==> flow/design.v <==
module alu_switch_v2 #(
  parameter int DWIDTH = 64,
  parameter int NIN = 2,
  parameter int SW = $clog2(NIN)
) (
  input logic ck,
  input logic rst_n,
  input logic [NIN*DWIDTH-1:0] ch,
  input logic [SW-1:0] sel,
  output logic [DWIDTH-1:0] z_o
);
  logic [NIN*DWIDTH-1:0] r_ch;
  always_ff @(posedge ck) begin
    if (!rst_n) begin
      r_ch <= 0;
    end else begin
      r_ch <= ch;
    end
  end
  logic [SW-1:0] r_sel;
  always_ff @(posedge ck) begin
    if (!rst_n) begin
      r_sel <= 0;
    end else begin
      r_sel <= sel;
    end
  end
  wire [DWIDTH-1:0] n_ [1:2*NIN-1];
  for (genvar ii = 0; ii < NIN; ii++) begin : g_bit
    assign n_[NIN+ii] = r_ch[ii*DWIDTH +: DWIDTH];
  end
  for (genvar ii = 1; ii < NIN; ii++) begin : slice
    assign n_[ii] = r_sel[SW - $clog2(ii+1)] ? n_[2*ii+1] : n_[2*ii];
  end
  assign z_o = n_[1];
endmodule
---- From RTL to reports: alu_switch_v2 ----
Tool output for the design above, in the order of the flow.
Line numbers count from 1 in the design file above.
Cell names lack the library's common part.
A cell with -- has no value.
inputs
  top ..................................... alu_switch_v2
  clock input ............................. ck
  standard-cell library ................... sky130hd
  timing corner ........................... tt_025C_1v80

---- Word level ----
Source: Yosys, flattened and elaborated. Widths are those after wreduce; folded enables and synchronous resets count as part of the registers. Registers that Yosys merges into a memory's read port (data or address) are not register bits. Print and check cells do not count. Equal cells are merged and count once.
word-level totals
  register bits ........................... 129
  input port bits ......................... 131
  output and inout port bits .............. 64
  word-level cells ........................ 3
operators by class
  mux-type cells .......................... 1
operators with widths
  kind               count
  64-bit 2-to-1 mux  1

---- Longest topological paths ----
Yosys ltp: most cells in a row. Word level: on the elaborated netlist, between registers, memories and ports. Mapped: between sequential cells and ports; inverters and the memories' decode and read muxes count.
logic depth
  depth after elaboration ................. 1
  ABC_AREA ................................ 0
  depth in mapped cells ................... 3
  gate-level depth less buffers ........... 1

---- Mapped cells and area ----
Source: synth_stat.txt of the flow (Yosys; design flattened, memories mapped). It holds for the ABC_AREA given above (unset counts as 0); a run with the other value may have another netlist.
mapped netlist
  mapped cells ............................ 343
  chip area (Yosys) ....................... 4534.3 µm²
  sequential part of the area ............. 2582.5 µm²
  mapped flip-flops ....................... 129
  buffer cells ............................ 21
cell types
  cell      count  area in all (µm²)
  dfxtp_1   129    2.58E+03
  mux2_4    60     900.864
  and2_1    129    807.024
  buf_12    6      120.115
  clkbuf_2  11     55.053
  mux2_2    4      45.043
  buf_6     1      11.261
  clkbuf_1  2      7.507
  buf_2     1      5.005

---- Worst setup path after synthesis ----
Source: OpenSTA report_checks on the synthesized netlist (no wires, ideal clock, input and output delay 20% of the period each), path of least setup slack; recovery checks are left aside. Register names are those of the netlist, which keeps one name where synthesis merged equal registers.
timing path post-synthesis
  path kind ............................... flip-flop to output port
  from .................................... reg r_sel
  to ...................................... out z_o[10]
  period .................................. 1.48 ns
  external output delay ................... 0.296 ns
  arrival time ............................ 0.949 ns
  path slack .............................. 0.235 ns
  path delay .............................. 0.949 ns
  stages .................................. 4
  path buffers ............................ 2
  synthesis period reached ................ 1.245 ns
"path delay" = arrival - input delay + setup time.
At an output port there is no setup time.
"stages": output pins that drive a net of the path, with the launching flip-flop's if there is one; two outputs of one cell count as two.
"synthesis period reached" = period - worst setup slack (recovery checks aside). The figure is calculated, with input and output delays left at 20% of the set period.
Between the ends stands the longest chain of elaborated cells between them, by number of cells; it is not shown to be the way that was timed. Of several equally long chains one is given.
A line is the first line of the expression or statement that the cell stems from. Yosys adds cells for indexed reads and writes and turns some case tables into memories.
on the way, post-synthesis
  cell sequence ........................... dfxtp_1 -> buf_6 -> buf_12 -> mux2_4
  cells in the longest elaborated chain ... 1
RTL lines, path post-synthesis
  element             RTL line  text
  start: declaration  20        logic [SW-1:0] r_sel;
  start: assignment   23        r_sel <= 0;
  start: assignment   25        r_sel <= sel;
  64-bit 2-to-1 mux   33        assign n_[ii] = r_sel[SW - $clog2(ii+1)] ? n_[2*ii+1] : n_[2*ii];
  end: declaration    10        output logic [DWIDTH-1:0] z_o

---- Path in the finished layout ----
From the final timing report of stored run 1: the path of least setup slack in the routed layout; clock arrival at registers is part of the times.
timing path post-layout
  path kind ............................... flip-flop to output port
  from .................................... reg r_sel
  to ...................................... out z_o[42]
  period .................................. 1.48 ns
  external output delay ................... 0.30 ns
  arrival time ............................ 1.60 ns
  path slack .............................. -0.42 ns
  stages .................................. 6
  path buffers ............................ 4
Between the ends stands the longest chain of elaborated cells between them, by number of cells; it is not shown to be the way that was timed. Of several equally long chains one is given.
on the way, post-layout
  cell sequence ........................... dfxtp_4 -> buf_6 -> buf_12 -> buf_12 -> mux2_4 -> buf_6
  cells in the longest elaborated chain ... 1
RTL lines, path post-layout
  element             RTL line  text
  start: declaration  20        logic [SW-1:0] r_sel;
  start: assignment   23        r_sel <= 0;
  start: assignment   25        r_sel <= sel;
  64-bit 2-to-1 mux   33        assign n_[ii] = r_sel[SW - $clog2(ii+1)] ? n_[2*ii+1] : n_[2*ii];
  end: declaration    10        output logic [DWIDTH-1:0] z_o

## Implementation results

Design alu_switch_v2 on sky130hd. What follows are 3 stored runs of the flow, each under its own settings; their order means nothing. The constraints put input and output delay at 20% of the set period each and load the outputs with 0.01 pF.
"worst setup path time (ns)" means the part of the period allowed to the worst setup path (the constraints hold back 20% at inputs and 20% at outputs) less its slack; where the path has registers, the arrival times of their clocks count too.
"finish__power__total": no workload was simulated; the value follows from the tool's default switching activity.

Flow files of stored run 1
==> flow/run.sh <==
#!/bin/bash
# the make line also repeats the synthesis and layout settings of config.mk as NAME=value (left out here)
make -C /OpenROAD-flow-scripts/flow DESIGN_CONFIG=/design/flow/config.mk WORK_HOME=/design/flow/orfs CLKGATE_MAP_FILE= finish
==> flow/config.mk <==
export PLATFORM = sky130hd
export DESIGN_NAME = alu_switch_v2
export DESIGN_NICKNAME = alu_switch_v2
export VERILOG_FILES = /design/flow/design.v
export SDC_FILE = /design/flow/constraint.sdc
export NUM_CORES = 4
export LEC_CHECK = 0
export CAP_MARGIN = 20
export CORE_MARGIN = 2
export CORE_UTILIZATION = 40
export SLEW_MARGIN = 20
==> flow/constraint.sdc <==
create_clock -name core_clock -period 1.48 [get_ports {ck}]
set_input_delay 0.2960 -clock core_clock [delete_from_list [all_inputs] [get_ports {ck}]]
set_output_delay 0.2960 -clock core_clock [all_outputs]
set_load 0.01 [all_outputs]

report of stored run 1
yosys chip area after synthesis (um^2): 4534.3
finish__design__die__area: 12203.6
finish__design__instance__area__stdcell: 7579.8
finish__design__instance__utilization: 0.6931
finish__timing__setup__ws: -0.420
finish__timing__setup__tns: -20.750
finish__power__total: 9.517e-03
worst setup path time (ns): 1.60
worst setup path kind: flip-flop to output port

Flow files of stored run 2
==> flow/run.sh <==
#!/bin/bash
# the make line also repeats the synthesis and layout settings of config.mk as NAME=value (left out here)
make -C /OpenROAD-flow-scripts/flow DESIGN_CONFIG=/design/flow/config.mk WORK_HOME=/design/flow/orfs CLKGATE_MAP_FILE= finish
==> flow/config.mk <==
export PLATFORM = sky130hd
export DESIGN_NAME = alu_switch_v2
export DESIGN_NICKNAME = alu_switch_v2
export VERILOG_FILES = /design/flow/design.v
export SDC_FILE = /design/flow/constraint.sdc
export NUM_CORES = 4
export LEC_CHECK = 0
export CAP_MARGIN = 20
export CELL_PAD_IN_SITES_GLOBAL_PLACEMENT = 1
export CORE_MARGIN = 2
export CORE_UTILIZATION = 58
export GPL_ROUTABILITY_DRIVEN = 0
export SETUP_SLACK_MARGIN = 0.18
export SLEW_MARGIN = 20
==> flow/constraint.sdc <==
create_clock -name core_clock -period 1.11 [get_ports {ck}]
set_input_delay 0.2220 -clock core_clock [delete_from_list [all_inputs] [get_ports {ck}]]
set_output_delay 0.2220 -clock core_clock [all_outputs]
set_load 0.01 [all_outputs]

report of stored run 2: did not finish, place, GPL-0301

Flow files of stored run 3
==> flow/run.sh <==
#!/bin/bash
# the make line also repeats the synthesis and layout settings of config.mk as NAME=value (left out here)
make -C /OpenROAD-flow-scripts/flow DESIGN_CONFIG=/design/flow/config.mk WORK_HOME=/design/flow/orfs CLKGATE_MAP_FILE= finish
==> flow/config.mk <==
export PLATFORM = sky130hd
export DESIGN_NAME = alu_switch_v2
export DESIGN_NICKNAME = alu_switch_v2
export VERILOG_FILES = /design/flow/design.v
export SDC_FILE = /design/flow/constraint.sdc
export NUM_CORES = 4
export LEC_CHECK = 0
export CAP_MARGIN = 20
export CELL_PAD_IN_SITES_GLOBAL_PLACEMENT = 0
export CORE_MARGIN = 8
export CORE_UTILIZATION = 37
export CTS_CLUSTER_DIAMETER = 396
export CTS_CLUSTER_SIZE = 22
export GPL_ROUTABILITY_DRIVEN = 0
export HOLD_SLACK_MARGIN = 0.11
export MAX_ROUTING_LAYER = met5
export MIN_ROUTING_LAYER = met1
export PLACE_DENSITY_LB_ADDON = 0.06
export SETUP_SLACK_MARGIN = 0.58
export SLEW_MARGIN = 20
export TNS_END_PERCENT = 10
==> flow/constraint.sdc <==
create_clock -name core_clock -period 1.97 [get_ports {ck}]
set_input_delay 0.3940 -clock core_clock [delete_from_list [all_inputs] [get_ports {ck}]]
set_output_delay 0.3940 -clock core_clock [all_outputs]
set_load 0.01 [all_outputs]

report of stored run 3
yosys chip area after synthesis (um^2): 4534.3
finish__design__die__area: 16052.9
finish__design__instance__area__stdcell: 7369.6
finish__design__instance__utilization: 0.6135
finish__timing__setup__ws: 0.012
finish__timing__setup__tns: 0.000
finish__power__total: 6.445e-03
worst setup path time (ns): 1.56
worst setup path kind: flip-flop to output port
